==> flow/design.v <==
module shifter (clk, rstn, val, by, dout);
    parameter DWIDTH = 10;
    localparam SBITS = $clog2(DWIDTH);
    input clk;
    input rstn;
    input [DWIDTH-1:0] val;
    input [SBITS-1:0] by;
    output [DWIDTH-1:0] dout;
    wire [DWIDTH-1:0] tree [0:SBITS];
    assign tree[0] = val;
    genvar gi;
    generate
        for (gi = 0; gi < SBITS; gi = gi + 1) begin : row
            assign tree[gi+1] = by[gi] ? tree[gi] << (1 << gi) : tree[gi];
        end
    endgenerate
    reg [DWIDTH-1:0] dout_q;
    always @(posedge clk or negedge rstn) begin
        if (!rstn) begin
            dout_q <= 0;
        end else begin
            dout_q <= tree[SBITS];
        end
    end
    assign dout = dout_q;
endmodule
* Reports on shifter
What the tools print for shifter, step after step.
Line numbers count from 1 in the design file above.
Library cell names are shortened.
Not given: -
- Design top :: shifter
- Clock :: clk
- Standard-cell library :: sky130hd
- Corner :: tt_025C_1v80

* Elaborated design
Yosys after proc, flatten, opt, wreduce and memory -nomap, before mapping. Enables and synchronous resets that opt folds into registers are not counted as muxes. Memory bits, and registers merged into a memory's read port (data or address), are not among the register bits. Print and check cells are not counted. Equal cells are merged and count once.
- Register bits after elaboration :: 10
- Memory bits (writable) :: 0
- Memories :: 0
- Word width x clocked read ports :: 0
- Word-level cells :: 5
- Bits in latches :: 0
- Input bits :: 16
- Output and inout bits :: 10
- Memory bits (read-only) :: 0
- Mux-type cells :: 4
- Div/mod/pow operators :: 0
- Add/sub/neg operators :: 0
- Reduce/logical cells :: 0
- $lt $le $gt $ge :: 0
- Shifts and indexed selects :: 0
- Multiply operators :: 0
- Bitwise operators :: 0
- Eq/ne operators :: 0
** Operators by type and width (count)
- 2-to-1 mux 10 bit :: 4

* Longest topological paths
Yosys ltp: most cells in a row. Word level: on the elaborated netlist, between registers, memories and ports. Mapped: between sequential cells and ports; inverters and the memories' decode and read muxes count.
- Depth after elaboration :: 4
- ABC_AREA :: 0
- Depth in mapped cells :: 5
- Depth with buffers taken out :: 3

* After synthesis
The flow's flattened synthesis, as Yosys stat reports it; memories are mapped. The netlist is that of the ABC_AREA named above (0 if unset); the other value can give another one.
The area totals of this step are shown rounded.
** Cells by type
- dfrtp_1 :: count 10, total area 250.24 um2
- mux2i_1 :: count 10, total area 100.096 um2
- o22ai_1 :: count 7, total area 43.792 um2
- mux2_2 :: count 3, total area 33.782 um2
- a2111oi_2 :: count 2, total area 30.029 um2
- o22a_1 :: count 3, total area 26.275 um2
- buf_6 :: count 2, total area 22.522 um2
- buf_12 :: count 1, total area 20.019 um2
- nand2b_1 :: count 3, total area 18.768 um2
- mux2i_2 :: count 1, total area 13.763 um2
- nor2b_1 :: count 2, total area 12.512 um2
- nor4_1 :: count 2, total area 12.512 um2
- o221ai_1 :: count 1, total area 8.758 um2
- buf_4 :: count 1, total area 7.507 um2
- nand3b_1 :: count 1, total area 7.507 um2
- or2_1 :: count 1, total area 6.256 um2
- buf_2 :: count 1, total area 5.005 um2
- o21ai_1 :: count 1, total area 5.005 um2
Not listed: further types 3, cells in them 3.
- Mapped cells :: 55
- Sequential part of the area :: 250 um2
- Mapped area :: 636 um2
- Buffers :: 5
- Flip-flops :: 10

* Worst setup path after synthesis
Path of least setup slack by OpenSTA after synthesis, without wires, with an ideal clock, recovery checks aside; 20% of the period is set as input and as output delay. Where synthesis merged equal registers, the netlist keeps one of their names.
- Path type :: input port to flip-flop
- From :: input by[0]
- To :: register dout_q[9]
- Period :: 1330 ps
- Data required time :: 1209 ps
- Buffers on the path :: 2
- Launch time at the first pin :: 266 ps
- Setup time :: 121 ps
- Stages on the path :: 5
- Setup slack :: 211 ps
- Arrival :: 998 ps
- Delay of the path :: 853 ps
- Input delay :: 266 ps
- Synthesis period reached :: 1119 ps
"delay of the path" = arrival - input delay + setup time.
"stages on the path": output pins that drive a net of the path, with the launching flip-flop's if there is one; two outputs of one cell count as two.
"synthesis period reached" is the clock period less the worst setup slack; recovery checks do not enter. This is arithmetic on one report: input and output delays are still those of the set period (20% each).
Between the ends stands the longest chain of elaborated cells between them, by number of cells; it is not shown to be the way that was timed. Of several equally long chains one is given.
A line is the first line of the expression or statement that the cell stems from. Yosys adds cells for indexed reads and writes and turns some case tables into memories.
- Path through :: buf_6 -> buf_12 -> mux2i_2 -> o21ai_1 -> o22a_1
- Cells in the longest elaborated chain :: 4
- Elaborated cells between the ends (all ways) :: 4
- Source lines of those cells :: 1
- Those cells by class :: mux: 4
** RTL lines, path post-synthesis
- from (decl) :: line 7 : input [SBITS-1:0] by;
- 2-to-1 mux 10 bit (4 in a row) :: line 14 : assign tree[gi+1] = by[gi] ? tree[gi] << (1 << gi) : tree[gi];
- to (assign) :: line 20 : dout_q <= 0;
- to (assign) :: line 22 : dout_q <= tree[SBITS];
- to (decl) :: line 17 : reg [DWIDTH-1:0] dout_q;

* Timing after layout
From the final timing report of flow run 1: the path of least setup slack in the routed layout; clock arrival at registers is part of the times.
The path's times are printed in steps of 10 ps; the period is the one set.
- Path type :: input port to flip-flop
- From :: input by[3]
- To :: register dout_q[8]
- Setup slack :: 160 ps
- Launch time at the first pin :: 320 ps
- Buffers on the path :: 1
- Stages on the path :: 4
- Input delay :: 320 ps
- Setup time :: 110 ps
- Arrival :: 1590 ps
- Period :: 1620 ps
- Data required time :: 1760 ps
Between the ends stands the longest chain of elaborated cells between them, by number of cells; it is not shown to be the way that was timed. Of several equally long chains one is given.
- Path through :: clkdlybuf4s50_1 -> nand2b_1 -> o221ai_1 -> o22a_1
- Cells in the longest elaborated chain :: 1
- Elaborated cells between the ends (all ways) :: 1
- Source lines of those cells :: 1
- Those cells by class :: mux: 1
** RTL lines, path post-layout
- from (decl) :: line 7 : input [SBITS-1:0] by;
- 2-to-1 mux 10 bit :: line 14 : assign tree[gi+1] = by[gi] ? tree[gi] << (1 << gi) : tree[gi];
- to (assign) :: line 20 : dout_q <= 0;
- to (assign) :: line 22 : dout_q <= tree[SBITS];
- to (decl) :: line 17 : reg [DWIDTH-1:0] dout_q;

Top module shifter; platform sky130hd; tools Yosys and OpenROAD; 3 stored runs in no particular order. Input and output delays are each 20% of the period that was set; the output load is 0.01 pF.
"achieved clock period" means the clock period less the worst setup slack. The figure is calculated, with input and output delays left at 20% of the set period.
"worst setup path time" means the part of the period allowed to the worst setup path (the constraints hold back 20% at inputs and 20% at outputs) less its slack; where the path has registers, the arrival times of their clocks count too.
"total power after layout": no workload was simulated; the value follows from the tool's default switching activity.
"worst setup path time" is given in steps of 10 ps.
Values from the reports are rounded here.

** Flow run 1
- Settings :: period_ns=1.62; CORE_UTILIZATION=57; CORE_MARGIN=5; GPL_TIMING_DRIVEN=0; GPL_ROUTABILITY_DRIVEN=0; CTS_CLUSTER_DIAMETER=247; CAP_MARGIN=40; MIN_ROUTING_LAYER=met1; SLEW_MARGIN=20
- Total die area :: 1880 um2
- Worst setup slack after layout :: 162 ps
- Worst setup path time :: 1130 ps
- Worst path kind :: input port to flip-flop
- Chip area in the Yosys report :: 636 um2
- Achieved clock period :: 1458 ps
- Standard-cell area after layout :: 910 um2
- Total negative setup slack :: 0 ps
- Total power after layout :: 0.00067 W

** Flow run 2
- Settings :: period_ns=1.33; CAP_MARGIN=20; CORE_MARGIN=2; CORE_UTILIZATION=40; SLEW_MARGIN=20
- Total die area :: 1920 um2
- Worst setup slack after layout :: 44 ps
- Worst setup path time :: 1020 ps
- Worst path kind :: input port to flip-flop
- Chip area in the Yosys report :: 636 um2
- Achieved clock period :: 1286 ps
- Standard-cell area after layout :: 967 um2
- Total negative setup slack :: 0 ps
- Total power after layout :: 0.000829 W

** Flow run 3
- Settings :: period_ns=0.715; CORE_UTILIZATION=40; PLACE_DENSITY_LB_ADDON=0.01; CORE_ASPECT_RATIO=1.53; ABC_AREA=1; GPL_TIMING_DRIVEN=0; GPL_ROUTABILITY_DRIVEN=0; CTS_CLUSTER_SIZE=83; CTS_CLUSTER_DIAMETER=135; MAX_ROUTING_LAYER=met5; CAP_MARGIN=20; CORE_MARGIN=2; SLEW_MARGIN=20
- Total die area :: 2130 um2
- Worst setup slack after layout :: -166 ps
- Worst setup path time :: 740 ps
- Worst path kind :: flip-flop to output port
- Chip area in the Yosys report :: 708 um2
- Achieved clock period :: 881 ps
- Standard-cell area after layout :: 1010 um2
- Total negative setup slack :: -1620 ps
- Total power after layout :: 0.00141 W
